==> flow/design.v <==
module sync_barrel #(
  parameter integer WIDTH = 16,
  parameter integer SBITS = $clog2(WIDTH)
) (
  input wire i_clk,
  input wire [WIDTH-1:0] d_i,
  input wire [SBITS-1:0] shamt_i,
  output reg [WIDTH-1:0] res_o
);
  wire [WIDTH-1:0] node [0:SBITS];
  assign node[0] = d_i;
  genvar ii;
  generate
    for (ii = 0; ii < SBITS; ii = ii + 1) begin : row
      assign node[ii+1] = shamt_i[ii] ? (node[ii] << (1 << ii)) | (node[ii] >> (WIDTH - (1 << ii))) : node[ii];
    end
  endgenerate
  always @(posedge i_clk) begin
    res_o <= node[SBITS];
  end
endmodule
Tool chain data of sync_barrel
What the tools print for sync_barrel, step after step.
Line numbers count from 1 in the design file above.
Library cell names are shortened.
{"block": "inputs", "top_module": "sync_barrel", "clk_port": "i_clk", "cell_library": "sky130hd", "pvt_corner": "tt_025C_1v80"}

Word-level counts
Counts by Yosys on the flattened word-level netlist (proc, flatten, opt, wreduce; memories kept). Register bits leave out memories and registers merged into their read ports (data or address); mux counts leave out enables and synchronous resets folded into registers. Print and check cells are left out. Cells with the same type and inputs are merged into one.
{"block": "op_classes", "mux": 4, "logic": 4}
{"block": "ops", "cell": "2-to-1 mux 16 bit", "n": 4}
{"block": "ops", "cell": "bitwise OR 16 x 1 -> 16 bit", "n": 1}
{"block": "ops", "cell": "bitwise OR 16 x 2 -> 16 bit", "n": 1}
{"block": "ops", "cell": "bitwise OR 16 x 4 -> 16 bit", "n": 1}
{"block": "ops", "cell": "bitwise OR 16 x 8 -> 16 bit", "n": 1}
{"block": "word_totals", "regBits": 16, "inputBits": 21, "out_inout_bits": 16, "elab_cells": 9}

Depth
Yosys ltp: most cells in a row. Word level: on the elaborated netlist, between registers, memories and ports. Mapped: between sequential cells and ports; inverters and the memories' decode and read muxes count.
{"block": "logic_depth", "ltp_word": 8, "abc_area": 0, "depth_mapped": 4, "ltp_nobuf": 2}

After synthesis
Source: synth_stat.txt of the flow (Yosys; design flattened, memories mapped). It holds for the ABC_AREA given above (unset counts as 0); a run with the other value may have another netlist.
{"block": "synth_totals", "mapped_cells": 56, "mapped_area_um2": 1123.6, "seqArea_um2": 320.3, "flip_flops": 16}
{"block": "types", "type": "mux4_2", "n": 25, "type_area_um2": 563.04}
{"block": "types", "type": "dfxtp_1", "n": 16, "type_area_um2": 320.307}
{"block": "types", "type": "mux4_1", "n": 7, "type_area_um2": 183.926}
{"block": "types", "type": "buf_12", "n": 1, "type_area_um2": 20.019}
{"block": "types", "type": "buf_6", "n": 1, "type_area_um2": 11.261}
{"block": "types", "type": "clkbuf_1", "n": 3, "type_area_um2": 11.261}
{"block": "types", "type": "buf_2", "n": 2, "type_area_um2": 10.01}
{"block": "types", "type": "buf_1", "n": 1, "type_area_um2": 3.754}

Worst setup path after synthesis
Path of least setup slack by OpenSTA after synthesis, without wires, with an ideal clock, recovery checks aside; 20% of the period is set as input and as output delay. Where synthesis merged equal registers, the netlist keeps one of their names.
{"block": "synth_timing", "path_kind": "input -> register", "start": "in shamt_i[3]", "end": "reg res_o[14]", "clock_period_ns": 2.22, "input_delay_ns": 0.444, "setup_ns": 0.134, "t_arrival_ns": 1.728, "setup_slack_ns": 0.358, "path_delay_ns": 1.418, "path_stages": 3, "n_path_buf": 1, "period_less_setup_slack_ns": 1.862}
"path_delay_ns" is the arrival time less input delay plus setup time.
"path_stages" counts driving pins, that of a launching flip-flop among them; a cell with two outputs on the path counts twice.
"period_less_setup_slack_ns" = period - worst setup slack (recovery checks aside). The figure is calculated, with input and output delays left at 20% of the set period.
The rows between start and end are the longest chain of elaborated cells between them; the timing report does not say that the signal goes this way. Where chains are equally long, one stands for them.
A line is the first line of the expression or statement that the cell stems from. Yosys adds cells for indexed reads and writes and turns some case tables into memories.
{"block": "synth_via", "path_cell_list": "clkbuf_1 > mux4_1 > mux4_2", "elab_chain_cells": 1, "cone_cells": 1, "lines_between": 1}
{"block": "synth_rtl", "element": "start, declared", "line": 7, "text": "input wire [SBITS-1:0] shamt_i,"}
{"block": "synth_rtl", "element": "2-to-1 mux 16 bit", "line": 15, "text": "assign node[ii+1] = shamt_i[ii] ? (node[ii] << (1 << ii)) | (node[ii] >> (WIDTH - (1 << ii))) : node[ii];"}
{"block": "synth_rtl", "element": "end, assigned", "line": 19, "text": "res_o <= node[SBITS];"}
{"block": "synth_rtl", "element": "end, declared", "line": 8, "text": "output reg [WIDTH-1:0] res_o"}

Worst path after layout
Path of least setup slack in the final report of flow run A (OpenROAD, finished layout, wires in). Where an end is a register, its clock arrival counts in the times.
{"block": "layout_timing", "path_kind": "input -> register", "start": "in shamt_i[0]", "end": "reg res_o[3]", "clock_period_ns": 2.22, "input_delay_ns": 0.44, "setup_ns": 0.12, "t_arrival_ns": 2.27, "setup_slack_ns": 0.09, "path_stages": 4, "n_path_buf": 2}
The rows between start and end are the longest chain of elaborated cells between them; the timing report does not say that the signal goes this way. Where chains are equally long, one stands for them.
{"block": "layout_via", "path_cell_list": "clkdlybuf4s50_1 > buf_12 > mux4_1 > mux4_2", "elab_chain_cells": 7, "cone_cells": 7, "lines_between": 1}
{"block": "layout_rtl", "element": "start, declared", "line": 7, "text": "input wire [SBITS-1:0] shamt_i,"}
{"block": "layout_rtl", "element": "2-to-1 mux 16 bit", "line": 15, "text": "assign node[ii+1] = shamt_i[ii] ? (node[ii] << (1 << ii)) | (node[ii] >> (WIDTH - (1 << ii))) : node[ii];"}
{"block": "layout_rtl", "element": "bitwise OR 16 x 2 -> 16 bit", "line": 15}
{"block": "layout_rtl", "element": "2-to-1 mux 16 bit", "line": 15}
{"block": "layout_rtl", "element": "bitwise OR 16 x 4 -> 16 bit", "line": 15}
{"block": "layout_rtl", "element": "2-to-1 mux 16 bit", "line": 15}
{"block": "layout_rtl", "element": "bitwise OR 16 x 8 -> 16 bit", "line": 15}
{"block": "layout_rtl", "element": "2-to-1 mux 16 bit", "line": 15}
{"block": "layout_rtl", "element": "end, assigned", "line": 19, "text": "res_o <= node[SBITS];"}
{"block": "layout_rtl", "element": "end, declared", "line": 8, "text": "output reg [WIDTH-1:0] res_o"}

Appendix: measured runs

Measured results for sync_barrel: 3 stored runs of the Yosys and OpenROAD flow on sky130hd. The settings differ; the order carries no meaning. The constraints put input and output delay at 20% of the set period each and load the outputs with 0.01 pF.
"achievedPeriod_ns": clock period set for the run, less the worst setup slack. It is reckoned from that one timing run; input and output delays stay at 20% of the period that was set.
"critical_path_time_ns": the worst setup path's part of the clock period (all of it between registers, 20% less for each end at a port) less its slack. A launch clock that arrives late makes it longer, a capture clock that arrives late makes it shorter.
By "design_power_mw" is meant OpenSTA's value without simulated activity: inputs other than the clock are taken to toggle once in ten clock periods, and the tool carries that through the logic.

{"run": "flow run A", "settings": { "period_ns": 2.22, "CAP_MARGIN": 20, "CORE_MARGIN": 2, "CORE_UTILIZATION": 40, "SLEW_MARGIN": 20 }, "results": { "synthArea_um2": 1123.6, "die_footprint_um2": 3249.0, "finish.stdcell_area_um2": 1560.2, "finish.utilization_pct": 57.6, "setup_worst_slack_ns": 0.095, "tns_ns": 0.000, "worst_hold_slack_ns": 1.047, "design_power_mw": 0.8648, "achievedPeriod_ns": 2.125, "critical_path_time_ns": 1.68, "timing.worst_path_kind": "input -> register" }}
{"run": "flow run B", "settings": { "period_ns": 1.43, "CORE_UTILIZATION": 15, "SETUP_SLACK_MARGIN": -0.13, "PLACE_DENSITY": 0.65, "CORE_MARGIN": 3, "CELL_PAD_IN_SITES_DETAIL_PLACEMENT": 1, "TNS_END_PERCENT": 60, "ABC_AREA": 1, "GPL_TIMING_DRIVEN": 0, "CTS_CLUSTER_DIAMETER": 41, "CAP_MARGIN": 25, "SLEW_MARGIN": 20 }, "results": { "synthArea_um2": 1232.4, "die_footprint_um2": 9340.3, "finish.stdcell_area_um2": 1721.7, "finish.utilization_pct": 21.9, "setup_worst_slack_ns": 0.035, "tns_ns": 0.000, "worst_hold_slack_ns": 0.352, "design_power_mw": 1.380, "achievedPeriod_ns": 1.395, "critical_path_time_ns": 1.11, "timing.worst_path_kind": "register -> output" }}
{"run": "flow run C", "settings": { "period_ns": 1.29, "CORE_UTILIZATION": 42, "SETUP_SLACK_MARGIN": 0.17, "PLACE_DENSITY_LB_ADDON": 0.03, "CORE_ASPECT_RATIO": 1.91, "CORE_MARGIN": 7, "CELL_PAD_IN_SITES_GLOBAL_PLACEMENT": 0, "TNS_END_PERCENT": 75, "GPL_ROUTABILITY_DRIVEN": 1, "CTS_CLUSTER_SIZE": 12, "CAP_MARGIN": 30, "SLEW_MARGIN": 20 }, "results": { "synthArea_um2": 1123.6, "die_footprint_um2": 4395.8, "finish.stdcell_area_um2": 1584.0, "finish.utilization_pct": 63.3, "setup_worst_slack_ns": -0.121, "tns_ns": -1.645, "worst_hold_slack_ns": 0.677, "design_power_mw": 1.573, "achievedPeriod_ns": 1.411, "critical_path_time_ns": 1.15, "timing.worst_path_kind": "input -> register" }}
